==> flow/design.v <==
module mult_blk #(
  parameter int WIDTH = 11,
  parameter int WAYS = 2,
  parameter int OUT_W = 2*WIDTH + $clog2(WAYS)
) (
  input logic sys_clk,
  input logic RST,
  input logic clk_en,
  input logic [WAYS*WIDTH-1:0] rs1,
  input logic [WAYS*WIDTH-1:0] rs2,
  output logic [OUT_W-1:0] p
);
  logic [WAYS*WIDTH-1:0] rs1_reg;
  logic [WAYS*WIDTH-1:0] rs2_reg;
  always_ff @(posedge sys_clk) begin
    if (RST) begin
      rs1_reg <= 0;
      rs2_reg <= 0;
    end else if (clk_en) begin
      rs1_reg <= rs1;
      rs2_reg <= rs2;
    end
  end
  logic [2*WAYS*WIDTH-1:0] part;
  generate
    for (genvar g = 0; g < WAYS; g++) begin : u_g
      assign part[2*g*WIDTH +: 2*WIDTH] = rs1_reg[g*WIDTH +: WIDTH] * rs2_reg[g*WIDTH +: WIDTH];
    end
  endgenerate
  logic [2*WAYS*WIDTH-1:0] part_reg;
  always_ff @(posedge sys_clk) begin
    if (RST) begin
      part_reg <= 0;
    end else if (clk_en) begin
      part_reg <= part;
    end
  end
  logic [OUT_W-1:0] tmp;
  always_comb begin
    tmp = 0;
    for (int k = 0; k < WAYS; k++)
      tmp = tmp + part_reg[2*k*WIDTH +: 2*WIDTH];
  end
  always_ff @(posedge sys_clk) begin
    if (RST) begin
      p <= 0;
    end else if (clk_en) begin
      p <= tmp;
    end
  end
endmodule
======== From RTL to reports: mult_blk ========
The steps from the RTL of mult_blk to its reports follow in flow order.
Line numbers count from 1 in the design file above.
Operators: Yosys type, input widths -> output width; for muxes data width and select width s.
Cell names lack the library's common part.
Not given: n/a
inputs
  design top .............................. mult_blk
  clock input ............................. sys_clk
  library ................................. sky130hd
  timing corner ........................... tt_025C_1v80

======== Word level ========
Source: Yosys, flattened and elaborated, memories not mapped. Widths are those after wreduce; folded enables and synchronous resets count as part of the registers. Registers that Yosys merges into a memory's read port (data or address) are not register bits. Print and check cells do not count. Equal cells are merged and count once.
word-level totals
  output and inout bits ................... 23
  cells after elaboration ................. 7
  flip-flop bits (word level) ............. 111
  input port bits ......................... 47
cells by class
  add/sub/neg operators ................... 1
  $mul .................................... 2
operators with widths
  operator        number
  $mul 11x11->22  2
  $add 22x22->23  1

======== Depth ========
Depth = most cells in a row (Yosys ltp): at word level without a register or memory, in the mapped netlist without a sequential cell, where the memories' decode and read muxes count.
logic depth
  depth in word-level cells ............... 1
  ABC_AREA ................................ 0
  gate-level depth with buffers ........... 21
  mapped depth without buffers ............ 20

======== Mapped cells and area ========
Source: synth_stat.txt of the flow (Yosys; design flattened, memories mapped). It holds for the ABC_AREA given above (unset counts as 0); a run with the other value may have another netlist.
Totals and module areas in this step are rounded.
cell types
  cell type  number  total area (um^2)
  fa_1       161     3.22E+03
  dfxtp_1    111     2.22E+03
  ha_1       142     1.78E+03
  and2_1     140     875.84
  inv_1      217     814.531
  mux2i_1    65      650.624
  nand2_1    151     566.794
  nor2_1     108     405.389
  xnor2_1    31      271.51
  clkbuf_1   65      243.984
  a21oi_1    45      225.216
  o21ai_0    38      190.182
  a21o_1     19      142.637
  xor2_1     16      140.134
  a211oi_1   17      127.622
  o21a_1     13      97.594
  nor2b_1    9       56.304
  nand2b_1   8       50.048
Not listed: further types 38, cells in them 90.
mapped netlist
  sequential part of the area ............. 2220 um^2
  chip area (Yosys) ....................... 12700 um^2
  flip-flop cells ......................... 111
  standard cells after synthesis .......... 1446
  buffer cells ............................ 72

======== Worst setup path after synthesis ========
Path of least setup slack by OpenSTA after synthesis, without wires, with an ideal clock, recovery checks aside; 20% of the period is set as input and as output delay. Where synthesis merged equal registers, the netlist keeps one of their names.
timing path after synthesis
  kind .................................... register to register
  start point ............................. reg rs2_reg[13]
  end point ............................... reg part_reg[42]
  data required time ...................... 6.353 ns
  slack ................................... 1.293 ns
  data arrival time ....................... 5.060 ns
  buffers on the path ..................... 1
  setup time .............................. 0.117 ns
  time at the first pin ................... 0.000 ns
  period .................................. 6.47 ns
  stages .................................. 20
  path delay .............................. 5.177 ns
  period reached after synthesis .......... 5.177 ns
"path delay" = arrival - input delay + setup time.
"stages": output pins that drive a net of the path, with the launching flip-flop's if there is one; two outputs of one cell count as two.
"period reached after synthesis" = period - worst setup slack (recovery checks aside). The figure is calculated, with input and output delays left at 20% of the set period.
Between the ends stands the longest chain of elaborated cells between them, by number of cells; it is not shown to be the way that was timed. Of several equally long chains one is given.
Each line given opens the expression or statement behind the cell; cells for indexed reads and writes are added by Yosys, which also makes memories of some case tables.
on the way, after synthesis
  cell sequence ........................... dfxtp_1 -> clkbuf_1 -> nand2_1 -> fa_1 -> inv_1 -> fa_1 -> fa_1 -> fa_1 -> inv_1 -> fa_1 -> inv_1 -> ha_1 -> o21a_1 -> o2111a_1 -> a221oi_1 -> o21ai_0 -> a21o_1 -> a31oi_1 -> mux2i_1 -> nand2_1
  length of the longest elaborated chain .. 1
  elaborated cells on any way between the ends .. 1
  RTL lines with such cells ............... 1
  classes of those cells .................. mul (1)
ends and longest elaborated chain, after synthesis
  item             RTL line  source
  start, declared  14        logic [WAYS*WIDTH-1:0] rs2_reg;
  start, assigned  18        rs2_reg <= 0;
  start, assigned  21        rs2_reg <= rs2;
  $mul 11x11->22   27        assign part[2*g*WIDTH +: 2*WIDTH] = rs1_reg[g*WIDTH +: WIDTH] * rs2_reg[g*WIDTH +: WIDTH];
  end, assigned    33        part_reg <= 0;
  end, assigned    35        part_reg <= part;
  end, declared    30        logic [2*WAYS*WIDTH-1:0] part_reg;

======== Worst path after layout ========
Path of least setup slack in the final report of run 1 (OpenROAD, finished layout, wires in). Where an end is a register, its clock arrival counts in the times.
timing path after layout
  kind .................................... register to register
  start point ............................. reg rs1_reg[16]
  end point ............................... reg part_reg[42]
  data arrival time ....................... 5.39 ns
  data required time ...................... 5.64 ns
  buffers on the path ..................... 0
  setup time .............................. 0.10 ns
  slack ................................... 0.25 ns
  period .................................. 5.38 ns
  time at the first pin ................... 0.35 ns
  stages .................................. 19
Between the ends stands the longest chain of elaborated cells between them, by number of cells; it is not shown to be the way that was timed. Of several equally long chains one is given.
on the way, after layout
  cell sequence ........................... dfxtp_1 -> nand2_1 -> fa_1 -> inv_1 -> fa_1 -> fa_1 -> fa_1 -> inv_1 -> fa_1 -> inv_1 -> ha_1 -> o21a_1 -> o2111a_1 -> a221oi_2 -> o21ai_1 -> a21o_1 -> a31oi_1 -> mux2i_1 -> nand2_1
  length of the longest elaborated chain .. 1
  elaborated cells on any way between the ends .. 1
  RTL lines with such cells ............... 1
  classes of those cells .................. mul (1)
ends and longest elaborated chain, after layout
  item             RTL line  source
  start, declared  13        logic [WAYS*WIDTH-1:0] rs1_reg;
  start, assigned  17        rs1_reg <= 0;
  start, assigned  20        rs1_reg <= rs1;
  $mul 11x11->22   27        assign part[2*g*WIDTH +: 2*WIDTH] = rs1_reg[g*WIDTH +: WIDTH] * rs2_reg[g*WIDTH +: WIDTH];
  end, assigned    33        part_reg <= 0;
  end, assigned    35        part_reg <= part;
  end, declared    30        logic [2*WAYS*WIDTH-1:0] part_reg;

Subject: mult_blk on sky130hd, stored results

Hello all,

Record of 3 stored runs of the RTL-to-layout flow on mult_blk, platform sky130hd. The runs are unordered. Constraints: input delay and output delay 20% of the set period each, output load 0.01 pF.
"clock period reached" means the clock period less the worst setup slack. The figure is calculated, with input and output delays left at 20% of the set period.
"time used up by the worst setup path" is the time allowed to the run's worst setup path (the clock period less input and output delay, where it has them) less its slack. Clock arrival times count: a late capture clock shortens it, a late launch clock lengthens it.
"total design power" is the tool's figure for a default switching activity; nothing was simulated.
The measured numbers are rounded.

======== run 1 ========
==> flow/run.sh <==
#!/bin/bash
# the make line also repeats the synthesis and layout settings of config.mk as NAME=value (left out here)
make -C /OpenROAD-flow-scripts/flow DESIGN_CONFIG=/design/flow/config.mk WORK_HOME=/design/flow/orfs CLKGATE_MAP_FILE= finish
==> flow/config.mk <==
export PLATFORM = sky130hd
export DESIGN_NAME = mult_blk
export DESIGN_NICKNAME = mult_blk
export VERILOG_FILES = /design/flow/design.v
export SDC_FILE = /design/flow/constraint.sdc
export NUM_CORES = 4
export LEC_CHECK = 0
export ABC_AREA = 0
export CAP_MARGIN = 20
export CORE_MARGIN = 8
export CORE_UTILIZATION = 62
export CTS_CLUSTER_DIAMETER = 232
export MAX_ROUTING_LAYER = met5
export MIN_ROUTING_LAYER = met1
export PLACE_DENSITY_LB_ADDON = 0.04
export SLEW_MARGIN = 20
export TNS_END_PERCENT = 95
==> flow/constraint.sdc <==
create_clock -name core_clock -period 5.38 [get_ports {sys_clk}]
set_input_delay 1.0760 -clock core_clock [delete_from_list [all_inputs] [get_ports {sys_clk}]]
set_output_delay 1.0760 -clock core_clock [all_outputs]
set_load 0.01 [all_outputs]

-------- measured, run 1 --------
  worst setup slack after layout .......... 0.247 ns
  total design power ...................... 0.00221 W
  full die area ........................... 25400 um^2
  time used up by the worst setup path .... 5.13 ns
  class of the worst setup path ........... register to register
  setup TNS ............................... 0.000 ns
  synthesized cell area ................... 12700 um^2
  smallest hold slack ..................... 0.470 ns
  clock period reached .................... 5.133 ns
  standard-cell area of the final layout .. 14200 um^2
  utilization after routing ............... 70.3%

======== run 2 ========
==> flow/run.sh <==
#!/bin/bash
# the make line also repeats the synthesis and layout settings of config.mk as NAME=value (left out here)
make -C /OpenROAD-flow-scripts/flow DESIGN_CONFIG=/design/flow/config.mk WORK_HOME=/design/flow/orfs CLKGATE_MAP_FILE= finish
==> flow/config.mk <==
export PLATFORM = sky130hd
export DESIGN_NAME = mult_blk
export DESIGN_NICKNAME = mult_blk
export VERILOG_FILES = /design/flow/design.v
export SDC_FILE = /design/flow/constraint.sdc
export NUM_CORES = 4
export LEC_CHECK = 0
export CAP_MARGIN = 20
export CORE_MARGIN = 6
export CORE_UTILIZATION = 39
export CTS_CLUSTER_DIAMETER = 255
export PLACE_DENSITY_LB_ADDON = 0.28
export SETUP_SLACK_MARGIN = -0.61
export SLEW_MARGIN = 20
==> flow/constraint.sdc <==
create_clock -name core_clock -period 6.55 [get_ports {sys_clk}]
set_input_delay 1.3100 -clock core_clock [delete_from_list [all_inputs] [get_ports {sys_clk}]]
set_output_delay 1.3100 -clock core_clock [all_outputs]
set_load 0.01 [all_outputs]

-------- measured, run 2 --------
  total design power ...................... 0.00185 W
  utilization after routing ............... 44.1%
  setup TNS ............................... 0.000 ns
  smallest hold slack ..................... 0.468 ns
  standard-cell area of the final layout .. 14100 um^2
  time used up by the worst setup path .... 5.62 ns
  class of the worst setup path ........... register to register
  worst setup slack after layout .......... 0.934 ns
  clock period reached .................... 5.616 ns
  synthesized cell area ................... 12700 um^2
  full die area ........................... 37200 um^2

======== run 3 ========
==> flow/run.sh <==
#!/bin/bash
# the make line also repeats the synthesis and layout settings of config.mk as NAME=value (left out here)
make -C /OpenROAD-flow-scripts/flow DESIGN_CONFIG=/design/flow/config.mk WORK_HOME=/design/flow/orfs CLKGATE_MAP_FILE= finish
==> flow/config.mk <==
export PLATFORM = sky130hd
export DESIGN_NAME = mult_blk
export DESIGN_NICKNAME = mult_blk
export VERILOG_FILES = /design/flow/design.v
export SDC_FILE = /design/flow/constraint.sdc
export NUM_CORES = 4
export LEC_CHECK = 0
export CAP_MARGIN = 20
export CORE_MARGIN = 2
export CORE_UTILIZATION = 40
export SLEW_MARGIN = 20
==> flow/constraint.sdc <==
create_clock -name core_clock -period 6.47 [get_ports {sys_clk}]
set_input_delay 1.2940 -clock core_clock [delete_from_list [all_inputs] [get_ports {sys_clk}]]
set_output_delay 1.2940 -clock core_clock [all_outputs]
set_load 0.01 [all_outputs]

-------- measured, run 3 --------
  utilization after routing ............... 44.4%
  synthesized cell area ................... 12700 um^2
  clock period reached .................... 5.643 ns
  smallest hold slack ..................... 0.472 ns
  full die area ........................... 33300 um^2
  worst setup slack after layout .......... 0.827 ns
  setup TNS ............................... 0.000 ns
  total design power ...................... 0.00181 W
  time used up by the worst setup path .... 5.64 ns
  class of the worst setup path ........... register to register
  standard-cell area of the final layout .. 14000 um^2

Thanks
